==> flow/design.v <==
module u_data_mux_mod #(
    parameter DWIDTH = 32,
    parameter COUNT = 12,
    parameter LOGN = $clog2(COUNT)
) (
    input logic sys_clk,
    input logic [COUNT*DWIDTH-1:0] in_src,
    input logic [LOGN-1:0] in_s,
    output logic [DWIDTH-1:0] out_data_out
);
    logic [COUNT*DWIDTH-1:0] src_q;
    always_ff @(posedge sys_clk)
        src_q <= in_src;
    logic [LOGN-1:0] s_q;
    always_ff @(posedge sys_clk)
        s_q <= in_s;
    assign out_data_out = src_q[s_q*DWIDTH +: DWIDTH];
endmodule
## Step by step through the tools: u_data_mux_mod

The steps from the RTL of u_data_mux_mod to its reports follow in flow order.
Lines are those of the file above, counted from 1.
Operators: Yosys type, input widths -> output width; for muxes data width and select width s.
Library cell names are shortened.
A cell with n/a has no value.

- Design top: u_data_mux_mod
- Clock: sys_clk
- Cell library: sky130hd
- Library corner: tt_025C_1v80

## Word-level counts

Yosys after proc, flatten, opt, wreduce and memory -nomap, before mapping. Enables and synchronous resets that opt folds into registers are not counted as muxes. Memory bits, and registers merged into a memory's read port (data or address), are not among the register bits. Print and check cells are not counted. Equal cells are merged and count once.

- Shifts and indexed selects: 1

Operators with widths:

| kind | number |
|---|---|
| $shiftx 384x10->32 | 1 |

- Bits in registers: 388
- Bits of input ports: 389
- Elaborated cells: 3

## Logic depth

Depth = most cells in a row (Yosys ltp): at word level without a register or memory, in the mapped netlist without a sequential cell, where the memories' decode and read muxes count.

- Depth after elaboration: 1
- ABC_AREA: 0
- Depth in mapped cells: 6
- Depth with buffers taken out: 3

## Synthesis result

Yosys stat after the flow's synthesis: flattened, memories mapped to cells. It holds for the ABC_AREA given above (unset counts as 0); a run with the other value may have another netlist.
Totals and module areas in this step are rounded.

- Cells in the netlist: 686
- Cell area after synthesis: 0.01094 mm²
- Mapped flip-flops: 388
- Buffer cells: 39

Cells by type:

| type | number |
|---|---|
| dfxtp_1 | 388 |
| mux4_2 | 64 |
| mux2_2 | 64 |
| o31ai_2 | 20 |
| o22ai_1 | 32 |
| nand2_1 | 33 |
| nor2_1 | 32 |
| o31ai_1 | 12 |
| clkbuf_1 | 15 |
| buf_2 | 11 |
| buf_4 | 6 |
| buf_6 | 4 |
| buf_1 | 3 |
| nand2b_1 | 1 |
| nor2b_1 | 1 |

## Path before layout

Source: OpenSTA report_checks on the synthesized netlist (no wires, ideal clock, input and output delay 20% of the period each), path of least setup slack; recovery checks are left aside. Register names are those of the netlist, which keeps one name where synthesis merged equal registers.

- Path type: register -> output
- From: reg s_q[0]
- To: out out_data_out[0]
- Period: 2.09 ns
- Arrival time: 1.335 ns
- Required time: 1.672 ns
- Path slack: 0.337 ns
- Path delay: 1.335 ns
- Stages: 6
- Path buffers: 2
- Synthesis period reached: 1.753 ns

"path delay" = arrival - input delay + setup time.
A path that ends at an output port has no setup time.
"stages": output pins that drive a net of the path, with the launching flip-flop's if there is one; two outputs of one cell count as two.
"synthesis period reached" = period - worst setup slack (recovery checks aside). The figure is calculated, with input and output delays left at 20% of the set period.
The rows between start and end are the longest chain of elaborated cells between them; the timing report does not say that the signal goes this way. Where chains are equally long, one stands for them.
Each line given opens the expression or statement behind the cell; cells for indexed reads and writes are added by Yosys, which also makes memories of some case tables.

- Cells stage by stage: dfxtp_1 > buf_6 > buf_4 > mux4_2 > nand2_1 > o31ai_1
- Cells in the longest elaborated chain: 1
- Elaborated cells on any way between the ends: 1

RTL lines, path after synthesis:

| item | RTL line | RTL |
|---|---|---|
| start: declaration | 14 | `logic [LOGN-1:0] s_q;` |
| start: assignment | 16 | `s_q <= in_s;` |
| $shiftx 384x10->32 | 17 | `assign out_data_out = src_q[s_q*DWIDTH +: DWIDTH];` |
| end: declaration | 9 | `output logic [DWIDTH-1:0] out_data_out` |

## Timing after layout

From the final timing report of flow run A: the path of least setup slack in the routed layout; clock arrival at registers is part of the times.

- Path type: register -> output
- From: reg s_q[0]
- To: out out_data_out[4]
- Period: 2.09 ns
- Arrival time: 2.15 ns
- Required time: 1.67 ns
- Path slack: -0.48 ns
- Stages: 8
- Path buffers: 4

The rows between start and end are the longest chain of elaborated cells between them; the timing report does not say that the signal goes this way. Where chains are equally long, one stands for them.

- Cells stage by stage: dfxtp_4 > buf_12 > buf_16 > buf_6 > mux4_2 > nor2_4 > o31ai_4 > buf_2
- Cells in the longest elaborated chain: 1
- Elaborated cells on any way between the ends: 1

RTL lines, path after layout:

| item | RTL line | RTL |
|---|---|---|
| start: declaration | 14 | `logic [LOGN-1:0] s_q;` |
| start: assignment | 16 | `s_q <= in_s;` |
| $shiftx 384x10->32 | 17 | `assign out_data_out = src_q[s_q*DWIDTH +: DWIDTH];` |
| end: declaration | 9 | `output logic [DWIDTH-1:0] out_data_out` |

Appendix: measured runs

Settings and measured results of 3 stored flow runs for module u_data_mux_mod (sky130hd), not sorted in any way. The constraints put input and output delay at 20% of the set period each and load the outputs with 0.01 pF.
"clock period reached" = clock period - worst setup slack. The figure is calculated, with input and output delays left at 20% of the set period.
"critical setup path time" = time allowed to the worst setup path (clock period - input delay - output delay, where it has them) - its slack; a late launch clock adds to it, a late capture clock takes from it.
"total power of the final layout": no workload was simulated; the value follows from the tool's default switching activity.
Measured values are rounded.
Among the settings, . means not set for that run.
A result given as . is not shown for that run.

| item | flow run A | flow run B | flow run C |
|---|---|---|---|
| period_ns | 2.09 | 2.27 | 1.04 |
| CAP_MARGIN | 20 | 20 | 20 |
| CORE_MARGIN | 2 | 10 | 2 |
| CORE_UTILIZATION | 40 | 67 | 43 |
| SLEW_MARGIN | 20 | 5 | 20 |
| SETUP_SLACK_MARGIN | . | -0.03 | . |
| PLACE_DENSITY_LB_ADDON | . | 0.19 | . |
| CORE_ASPECT_RATIO | . | 1.83 | . |
| CELL_PAD_IN_SITES_GLOBAL_PLACEMENT | . | 3 | 3 |
| CELL_PAD_IN_SITES_DETAIL_PLACEMENT | . | 2 | . |
| TNS_END_PERCENT | . | 10 | . |
| CTS_CLUSTER_SIZE | . | 87 | 50 |
| MAX_ROUTING_LAYER | . | met4 | met5 |
| PLACE_DENSITY | . | . | 0.87 |
| ABC_AREA | . | . | 0 |
| GPL_ROUTABILITY_DRIVEN | . | . | 0 |
| area of the synthesized netlist (mm²) | 0.01094 | . | 0.01094 |
| die footprint (mm²) | 0.02869 | . | 0.02673 |
| standard-cell area after layout (mm²) | 0.01791 | . | 0.01795 |
| utilization of the finished layout | 0.666 | . | 0.715 |
| worst slack on setup checks (ns) | -0.476 | . | -1.354 |
| lowest hold slack (ns) | 0.335 | . | 0.109 |
| total power of the final layout (µW) | 17070 | . | 33780 |
| clock period reached (ns) | 2.566 | . | 2.394 |
| critical setup path time (ns) | 2.15 | . | 2.19 |
| worst path kind | register -> output | . | register -> output |

Flow run B: unfinished; error FLW-0024 in placement
